==> flow/design.v <==
module core_reg_file (core_clk, write, wr_idx, write_data, rd_idx_a, rd_idx_b, rd_data_a, rd_data_b);
    parameter D = 40;
    parameter BITS = 24;
    localparam ABITS = $clog2(D);
    input core_clk;
    input write;
    input [ABITS-1:0] wr_idx;
    input [BITS-1:0] write_data;
    input [ABITS-1:0] rd_idx_a;
    input [ABITS-1:0] rd_idx_b;
    output reg [BITS-1:0] rd_data_a;
    output reg [BITS-1:0] rd_data_b;
    reg [BITS-1:0] regs [0:D-1];
    always @(posedge core_clk) begin
        if (write)
            regs[wr_idx] <= write_data;
    end
    always @(posedge core_clk) begin
        rd_data_a <= (write && wr_idx == rd_idx_a) ? write_data : regs[rd_idx_a];
        rd_data_b <= (write && wr_idx == rd_idx_b) ? write_data : regs[rd_idx_b];
    end
endmodule
======== Reports on core_reg_file ========
Tool output for the design above, in the order of the flow.
Line numbers count from 1 in the design file above.
Operators carry their Yosys type and port widths (W data, S select, Z words).
Not given: --
design
  top ..................................... core_reg_file
  clock port .............................. core_clk
  cell library ............................ sky130hd
  timing corner ........................... tt_025C_1v80

======== After elaboration ========
Counts by Yosys on the flattened word-level netlist (proc, flatten, opt, wreduce; memories kept). Register bits leave out memories and registers merged into their read ports (data or address); mux counts leave out enables and synchronous resets folded into registers. Print and check cells are left out. Cells with the same type and inputs are merged into one.
Yosys's memory passes give these memory sizes; they may raise the number of words (mostly to a power of two), join words into wider ones and drop unused or constant bits.
operators by class
  muxes and demuxes ....................... 3
operators by type and width
  cell      number
  $mux W24  1
  $mux W6   1
  $mux W1   1
word-level totals
  register bits after elaboration ......... 0
  memory bits (writable) .................. 960
  word width x clocked read ports ......... 48
  memories kept ........................... 1
  word-level cells ........................ 4
memory list
  name  words  bits a word  read ports  write ports  RTL line  RTL
  regs  40     24           2           1            13        reg [BITS-1:0] regs [0:D-1];

======== Longest topological paths ========
Yosys ltp: most cells in a row. Word level: on the elaborated netlist, between registers, memories and ports. Mapped: between sequential cells and ports; inverters and the memories' decode and read muxes count.
depth
  word-level depth ........................ 1
  ABC_AREA ................................ 0
  depth in mapped cells ................... 8
  gate-level depth less buffers ........... 5

======== Netlist ========
Yosys stat after the flow's synthesis: flattened, memories mapped to cells. It holds for the ABC_AREA given above (unset counts as 0); a run with the other value may have another netlist.
cell types
  type                       number  area in all (um^2)
  sky130_fd_sc_hd__edfxtp_1  960     2.88E+04
  sky130_fd_sc_hd__mux2i_1   768     7.69E+03
  sky130_fd_sc_hd__mux4_2    96      2.16E+03
  sky130_fd_sc_hd__a22oi_1   192     1.44E+03
  sky130_fd_sc_hd__a22o_1    96      840.806
  sky130_fd_sc_hd__o41ai_2   48      780.749
  sky130_fd_sc_hd__a221oi_2  42      630.605
  sky130_fd_sc_hd__mux2_2    48      540.518
  sky130_fd_sc_hd__a21oi_1   96      480.461
  sky130_fd_sc_hd__a221oi_1  54      472.954
  sky130_fd_sc_hd__clkbuf_1  98      367.853
  sky130_fd_sc_hd__buf_4     43      322.81
  sky130_fd_sc_hd__o22ai_1   48      300.288
  sky130_fd_sc_hd__buf_2     53      265.254
  sky130_fd_sc_hd__dfxtp_1   12      240.23
  sky130_fd_sc_hd__buf_6     21      236.477
  sky130_fd_sc_hd__nand2_1   57      213.955
  sky130_fd_sc_hd__nor2_1    43      161.405
Not listed: further types 13, cells in them 48.
synthesis totals
  mapped cells ............................ 2,823
  synthesis area .......................... 0.0462781 mm^2
  area of sequential cells ................ 0.0290679 mm^2
  flip-flops .............................. 972
  buffer cells ............................ 235

======== Worst setup path after synthesis ========
Source: OpenSTA report_checks on the synthesized netlist (no wires, ideal clock, input and output delay 20% of the period each), path of least setup slack; recovery checks are left aside. Register names are those of the netlist, which keeps one name where synthesis merged equal registers.
timing path post-synthesis
  path type ............................... input-to-reg
  start ................................... input port wr_idx[3]
  end ..................................... memory regs[0][0]
  period .................................. 4.1 ns
  external input delay .................... 0.820 ns
  setup time .............................. 0.435 ns
  data arrival time ....................... 3.006 ns
  data required time ...................... 3.665 ns
  slack ................................... 0.659 ns
  delay of the path ....................... 2.621 ns
  stages .................................. 3
  buffers on the path ..................... 0
  synthesis period reached ................ 3.441 ns
"delay of the path" = arrival - input delay + setup time.
"stages" counts driving pins, that of a launching flip-flop among them; a cell with two outputs on the path counts twice.
"synthesis period reached" is the clock period less the worst setup slack; recovery checks do not enter. This is arithmetic on one report: input and output delays are still those of the set period (20% each).
The rows between start and end are the longest chain of elaborated cells between them; the timing report does not say that the signal goes this way. Where chains are equally long, one stands for them.
A line is the first line of the expression or statement that the cell stems from. Yosys adds cells for indexed reads and writes and turns some case tables into memories.
on the way, post-synthesis
  cell sequence ........................... sky130_fd_sc_hd__nor4b_1 sky130_fd_sc_hd__nand2b_1 sky130_fd_sc_hd__nor3_1
  length of the longest elaborated chain .. 1
  elaborated cells between the ends (all ways) .. 1
  those cells by class .................... 1 x mux
ends and longest elaborated chain, post-synthesis
  element          RTL line  RTL
  start, declared  7         input [ABITS-1:0] wr_idx;
  $mux W6          15        if (write)
  end, declared    13        reg [BITS-1:0] regs [0:D-1];

======== Worst path after layout ========
From the final timing report of entry A: the path of least setup slack in the routed layout; clock arrival at registers is part of the times.
timing path after layout
  path type ............................... reg-to-output
  start ................................... register (no name shown)
  end ..................................... output port rd_data_b[1]
  period .................................. 5.78 ns
  data arrival time ....................... 4.50 ns
  data required time ...................... 4.62 ns
  slack ................................... 0.13 ns
  stages .................................. 10
  buffers on the path ..................... 4
on the way, after layout
  cell sequence ........................... sky130_fd_sc_hd__dfxtp_2 sky130_fd_sc_hd__buf_4 sky130_fd_sc_hd__nor2b_4 sky130_fd_sc_hd__buf_4 sky130_fd_sc_hd__a22o_1 sky130_fd_sc_hd__a221oi_1 sky130_fd_sc_hd__o22ai_1 sky130_fd_sc_hd__o41ai_4 sky130_fd_sc_hd__buf_4 sky130_fd_sc_hd__clkdlybuf4s50_1
ends and longest elaborated chain, after layout
  element        RTL line  RTL
  end, declared  12        output reg [BITS-1:0] rd_data_b;
No chain of elaborated cells between the ends is given.

Lab notebook: core_reg_file

3 stored runs of core_reg_file in the flow (synthesis by Yosys, layout by OpenROAD, sky130hd cells), in arbitrary order. Constraints: input delay and output delay 20% of the set period each, output load 0.01 pF.
By "clock period reached" is meant the clock period of the run minus its worst setup slack. This is arithmetic on one report: input and output delays are still those of the set period (20% each).
"time used up by the worst setup path": the worst setup path's part of the clock period (all of it between registers, 20% less for each end at a port) less its slack. A launch clock that arrives late makes it longer, a capture clock that arrives late makes it shorter.
"total power of the final layout" is the tool's figure for a default switching activity; nothing was simulated.

======== entry A ========
==> flow/run.sh <==
#!/bin/bash
# the make line also repeats the synthesis and layout settings of config.mk as NAME=value (left out here)
make -C /OpenROAD-flow-scripts/flow DESIGN_CONFIG=/design/flow/config.mk WORK_HOME=/design/flow/orfs CLKGATE_MAP_FILE= finish
==> flow/config.mk <==
export PLATFORM = sky130hd
export DESIGN_NAME = core_reg_file
export DESIGN_NICKNAME = core_reg_file
export VERILOG_FILES = /design/flow/design.v
export SDC_FILE = /design/flow/constraint.sdc
export NUM_CORES = 4
export LEC_CHECK = 0
export CAP_MARGIN = 20
export CELL_PAD_IN_SITES_GLOBAL_PLACEMENT = 1
export CORE_ASPECT_RATIO = 0.99
export CORE_MARGIN = 8
export CORE_UTILIZATION = 19
export CTS_CLUSTER_DIAMETER = 186
export GPL_ROUTABILITY_DRIVEN = 1
export HOLD_SLACK_MARGIN = 0.08
export MAX_ROUTING_LAYER = met4
export PLACE_DENSITY_LB_ADDON = 0.15
export SETUP_SLACK_MARGIN = -0.26
export SLEW_MARGIN = 15
==> flow/constraint.sdc <==
create_clock -name core_clock -period 5.78 [get_ports {core_clk}]
set_input_delay 1.1560 -clock core_clock [delete_from_list [all_inputs] [get_ports {core_clk}]]
set_output_delay 1.1560 -clock core_clock [all_outputs]
set_load 0.01 [all_outputs]

-------- measured, entry A --------
  setup TNS ............................... 0.000 ns
  die size ................................ 0.25962 mm^2
  total power of the final layout ......... 17.159 mW
  standard-cell area of the final layout .. 0.05602 mm^2
  final worst hold slack .................. 0.863 ns
  chip area in the Yosys report ........... 0.0462781 mm^2
  setup slack of the worst path ........... 0.127 ns
  clock period reached .................... 5.653 ns
  time used up by the worst setup path .... 4.50 ns
  critical path type ...................... reg-to-output
  final design utilization ................ 0.231

======== entry B ========
==> flow/run.sh <==
#!/bin/bash
# the make line also repeats the synthesis and layout settings of config.mk as NAME=value (left out here)
make -C /OpenROAD-flow-scripts/flow DESIGN_CONFIG=/design/flow/config.mk WORK_HOME=/design/flow/orfs CLKGATE_MAP_FILE= finish
==> flow/config.mk <==
export PLATFORM = sky130hd
export DESIGN_NAME = core_reg_file
export DESIGN_NICKNAME = core_reg_file
export VERILOG_FILES = /design/flow/design.v
export SDC_FILE = /design/flow/constraint.sdc
export NUM_CORES = 4
export LEC_CHECK = 0
export CAP_MARGIN = 20
export CORE_MARGIN = 2
export CORE_UTILIZATION = 40
export SLEW_MARGIN = 20
==> flow/constraint.sdc <==
create_clock -name core_clock -period 4.1 [get_ports {core_clk}]
set_input_delay 0.8200 -clock core_clock [delete_from_list [all_inputs] [get_ports {core_clk}]]
set_output_delay 0.8200 -clock core_clock [all_outputs]
set_load 0.01 [all_outputs]

-------- measured, entry B --------
  setup TNS ............................... 0.000 ns
  die size ................................ 0.118432 mm^2
  total power of the final layout ......... 22.532 mW
  standard-cell area of the final layout .. 0.0549189 mm^2
  final worst hold slack .................. 0.563 ns
  chip area in the Yosys report ........... 0.0462781 mm^2
  setup slack of the worst path ........... 0.073 ns
  clock period reached .................... 4.027 ns
  time used up by the worst setup path .... 3.21 ns
  critical path type ...................... reg-to-output
  final design utilization ................ 0.48

======== entry C ========
==> flow/run.sh <==
#!/bin/bash
# the make line also repeats the synthesis and layout settings of config.mk as NAME=value (left out here)
make -C /OpenROAD-flow-scripts/flow DESIGN_CONFIG=/design/flow/config.mk WORK_HOME=/design/flow/orfs CLKGATE_MAP_FILE= finish
==> flow/config.mk <==
export PLATFORM = sky130hd
export DESIGN_NAME = core_reg_file
export DESIGN_NICKNAME = core_reg_file
export VERILOG_FILES = /design/flow/design.v
export SDC_FILE = /design/flow/constraint.sdc
export NUM_CORES = 4
export LEC_CHECK = 0
export ABC_AREA = 1
export CAP_MARGIN = 20
export CORE_MARGIN = 2
export CORE_UTILIZATION = 57
export CTS_CLUSTER_SIZE = 62
export PLACE_DENSITY_LB_ADDON = 0.24
export SETUP_SLACK_MARGIN = 0.38
export SLEW_MARGIN = 0
==> flow/constraint.sdc <==
create_clock -name core_clock -period 4.44 [get_ports {core_clk}]
set_input_delay 0.8880 -clock core_clock [delete_from_list [all_inputs] [get_ports {core_clk}]]
set_output_delay 0.8880 -clock core_clock [all_outputs]
set_load 0.01 [all_outputs]

-------- measured, entry C --------
  setup TNS ............................... 0.000 ns
  die size ................................ 0.0877581 mm^2
  total power of the final layout ......... 21.309 mW
  standard-cell area of the final layout .. 0.056264 mm^2
  final worst hold slack .................. 0.630 ns
  chip area in the Yosys report ........... 0.0486804 mm^2
  setup slack of the worst path ........... 0.299 ns
  clock period reached .................... 4.141 ns
  time used up by the worst setup path .... 3.25 ns
  critical path type ...................... reg-to-output
  final design utilization ................ 0.663
